==> flow/design.v <==
module as_core_n #(
    parameter WIDTH = 5
) (
    input  wire clk,
    input  wire [WIDTH-1:0] i_op_a,
    input  wire [WIDTH-1:0] i_op_b,
    output wire [WIDTH-1:0] o_res
);
    reg [WIDTH-1:0] op_a_r;
    reg [WIDTH-1:0] op_b_r;
    always @(posedge clk) begin
        op_a_r <= i_op_a;
        op_b_r <= i_op_b;
    end
    assign o_res = (op_a_r > op_b_r) ? op_a_r - op_b_r : op_b_r - op_a_r;
endmodule
### Tool chain data of as_core_n

Tool output for the members of one design family, told apart by "WIDTH", in the order of the flow.
The file above is the member WIDTH = 5. Line numbers count from 1 in each member's own file.
Library cell names are shortened.
Not given: n/a

| set-up | value |
|---|---|
| top | as_core_n |
| clock | clk |
| standard-cell library | sky130hd |
| corner | tt_025C_1v80 |

### Members of the sweep

New or changed lines of each further member against the RTL above, in its own file; lines it lacks are not shown.

New or changed lines:

| WIDTH | RTL line | source |
|---|---|---|
| 10 | 2 | `parameter WIDTH = 10` |
| 20 | 2 | `parameter WIDTH = 20` |

### Word-level counts

Counts by Yosys on the flattened word-level netlist (proc, flatten, opt, wreduce; memories kept). Register bits leave out memories and registers merged into their read ports (data or address); mux counts leave out enables and synchronous resets folded into registers. Print and check cells are left out. Cells with the same type and inputs are merged into one.

Storage and ports:

| WIDTH | word width x clocked read ports | output and inout port bits | latch bits | memories | memory bits (writable) | bits in registers | elaborated cells | bits in read-only memories | input bits |
|---|---|---|---|---|---|---|---|---|---|
| 5 | 0 | 5 | 0 | 0 | 0 | 10 | 6 | 0 | 11 |
| 10 | 0 | 10 | 0 | 0 | 0 | 20 | 6 | 0 | 21 |
| 20 | 0 | 20 | 0 | 0 | 0 | 40 | 6 | 0 | 41 |

Cells by class:

| WIDTH | shifts and indexed selects | reduce/logical cells | magnitude comparators | div/mod/pow operators | bitwise logic cells | equal/unequal tests | $mul | multiplexer cells | add/subtract/negate cells |
|---|---|---|---|---|---|---|---|---|---|
| 5 | 0 | 0 | 1 | 0 | 0 | 0 | 0 | 1 | 2 |
| 10 | 0 | 0 | 1 | 0 | 0 | 0 | 0 | 1 | 2 |
| 20 | 0 | 0 | 1 | 0 | 0 | 0 | 0 | 1 | 2 |

Operators by type and width:

| WIDTH | kinds with counts |
|---|---|
| 5 | 5-bit subtractor (2); 5-bit greater-than comparator (1); 5-bit 2-to-1 mux (1) |
| 10 | 10-bit subtractor (2); 10-bit greater-than comparator (1); 10-bit 2-to-1 mux (1) |
| 20 | 20-bit subtractor (2); 20-bit greater-than comparator (1); 20-bit 2-to-1 mux (1) |

### Logic depth

Yosys ltp: most cells in a row. Word level: on the elaborated netlist, between registers, memories and ports. Mapped: between sequential cells and ports; inverters and the memories' decode and read muxes count.

Depth:

| WIDTH | depth in word-level cells | ABC_AREA | gate-level depth with buffers |
|---|---|---|---|
| 5 | 2 | 0 | 8 |
| 10 | 2 | 0 | 10 |
| 20 | 2 | 0 | 12 |

### Netlist

Source: synth_stat.txt of the flow (Yosys; design flattened, memories mapped). It holds for the ABC_AREA given above (unset counts as 0); a run with the other value may have another netlist.

Mapped netlist:

| WIDTH | mapped flip-flops | cell area after synthesis (um2) | cells in the netlist |
|---|---|---|---|
| 5 | 10 | 679.4 | 71 |
| 10 | 20 | 1262.5 | 136 |
| 20 | 40 | 2936.6 | 344 |

Cells by type:

| WIDTH | types with counts |
|---|---|
| 5 | dfxtp_1 (10); ha_1 (9); inv_1 (13); fa_1 (2); mux2i_1 (3); a21oi_1 (4); nand3b_4 (1); o21ai_0 (4); a21oi_2 (2); a21oi_4 (1); a21o_1 (2); a31oi_1 (2); o22ai_2 (1); buf_6 (1); nand2_1 (3); a311o_1 (1); a21o_2 (1); xnor2_1 (1); (+10) |
| 10 | dfxtp_1 (20); ha_1 (19); inv_1 (22); a21oi_1 (16); mux2i_1 (8); a21o_1 (6); o21ai_0 (9); nand2b_1 (7); xor2_1 (5); fa_1 (2); xnor2_1 (3); mux2_4 (1); a221o_2 (1); and4_4 (1); buf_6 (1); nor2_1 (3); nand3_1 (2); a21o_2 (1); (+9) |
| 20 | dfxtp_1 (40); ha_1 (39); a21oi_1 (40); inv_1 (50); mux2i_1 (18); a21o_1 (14); o21ai_0 (18); xor2_1 (10); xnor2_1 (8); nand2_1 (18); buf_6 (4); a31oi_1 (7); nor2_1 (11); fa_1 (2); nand4_1 (5); a221o_1 (3); o21bai_1 (4); nand2b_1 (4); (+49) |

A list marked (+n) leaves out that many cells.

### Timing after synthesis

Source: OpenSTA report_checks on the synthesized netlist (no wires, ideal clock, input and output delay 20% of the period each), path of least setup slack; recovery checks are left aside. Register names are those of the netlist, which keeps one name where synthesis merged equal registers.

Timing path after synthesis:

| WIDTH | path type | start | end | setup slack (ns) | path delay (ns) | clock period (ns) | stages on the path | synthesis period reached (ns) |
|---|---|---|---|---|---|---|---|---|
| 5 | register to output | register op_a_r[1] | output port o_res[4] | 0.415 | 1.673 | 2.61 | 7 | 2.195 |
| 10 | register to output | register op_a_r[0] | output port o_res[2] | 0.541 | 2.179 | 3.4 | 11 | 2.859 |
| 20 | register to output | register op_a_r[0] | output port o_res[18] | 0.604 | 2.420 | 3.78 | 13 | 3.176 |

"path delay" = arrival - input delay + setup time.
At an output port there is no setup time.
"stages on the path" counts driving pins, that of a launching flip-flop among them; a cell with two outputs on the path counts twice.
"synthesis period reached" is the clock period less the worst setup slack; recovery checks do not enter. This is arithmetic on one report: input and output delays are still those of the set period (20% each).
The rows between start and end are the longest chain of elaborated cells between them; the timing report does not say that the signal goes this way. Where chains are equally long, one stands for them.
A line is the first line of the expression or statement that the cell stems from. Yosys adds cells for indexed reads and writes and turns some case tables into memories.

| on the way, after synthesis, WIDTH = 5 | value |
|---|---|
| cells in the longest elaborated chain | 2 |

RTL lines, path after synthesis, WIDTH = 5:

| what | RTL line | source |
|---|---|---|
| start, declared | 9 | `reg [WIDTH-1:0] op_a_r;` |
| start, assigned | 12 | `op_a_r <= i_op_a;` |
| 5-bit subtractor | 15 | `assign o_res = (op_a_r > op_b_r) ? op_a_r - op_b_r : op_b_r - op_a_r;` |
| 5-bit 2-to-1 mux | 15 |  |
| end, declared | 7 | `output wire [WIDTH-1:0] o_res` |

| on the way, after synthesis, WIDTH = 20 | value |
|---|---|
| cells in the longest elaborated chain | 2 |

RTL lines, path after synthesis, WIDTH = 20:

| what | RTL line | source |
|---|---|---|
| start, declared | 9 | `reg [WIDTH-1:0] op_a_r;` |
| start, assigned | 12 | `op_a_r <= i_op_a;` |
| 20-bit subtractor | 15 | `assign o_res = (op_a_r > op_b_r) ? op_a_r - op_b_r : op_b_r - op_a_r;` |
| 20-bit 2-to-1 mux | 15 |  |
| end, declared | 7 | `output wire [WIDTH-1:0] o_res` |

### Path in the finished layout

Path of least setup slack in the final report of the run of each member (OpenROAD, finished layout, wires in). Where an end is a register, its clock arrival counts in the times.

Timing path after layout:

| WIDTH | path type | start | end | path buffers | arrival time (ns) | clock period (ns) | stages on the path | setup slack (ns) |
|---|---|---|---|---|---|---|---|---|
| 5 | register to output | register op_a_r[2] | output port o_res[3] | 2 | 1.94 | 2.61 | 10 | 0.15 |
| 10 | register to output | register op_a_r[3] | output port o_res[8] | 2 | 2.57 | 3.4 | 11 | 0.15 |
| 20 | register to output | register op_a_r[0] | output port o_res[1] | 3 | 2.84 | 3.78 | 13 | 0.18 |

### Flow runs

Settings and results of one run of the flow (Yosys, OpenROAD) for each member follow. The constraints put input and output delay at 20% of the set period each and load the outputs with 0.01 pF.

| settings | value |
|---|---|
| CAP_MARGIN | 20 |
| CORE_MARGIN | 2 |
| CORE_UTILIZATION | 40 |
| SLEW_MARGIN | 20 |

Settings that differ:

| WIDTH | period_ns |
|---|---|
| 5 | 2.61 |
| 10 | 3.4 |
| 20 | 3.78 |

Results:

| WIDTH | period reached (ns) | post-route setup TNS (ns) | total power of the final layout (mW) | worst hold slack (ns) | worst slack on setup checks (ns) | cell area after synthesis (um2) | standard-cell area of the final layout (um2) | post-route utilization (%) | total die area (um2) |
|---|---|---|---|---|---|---|---|---|---|
| 5 | 2.458 | 0.000 | 0.4784 | 0.699 | 0.152 | 679.4 | 973.4 | 63.1 | 2043.9 |
| 10 | 3.248 | 0.000 | 0.7033 | 0.794 | 0.152 | 1262.5 | 1742.9 | 57.6 | 3621.6 |
| 20 | 3.597 | 0.000 | 1.293 | 0.890 | 0.183 | 2936.6 | 3834.9 | 53.4 | 8042.5 |

"period reached" is the run's clock period less its worst setup slack. It is reckoned from that one timing run; input and output delays stay at 20% of the period that was set.
"total power of the final layout" is the tool's figure for a default switching activity; nothing was simulated.
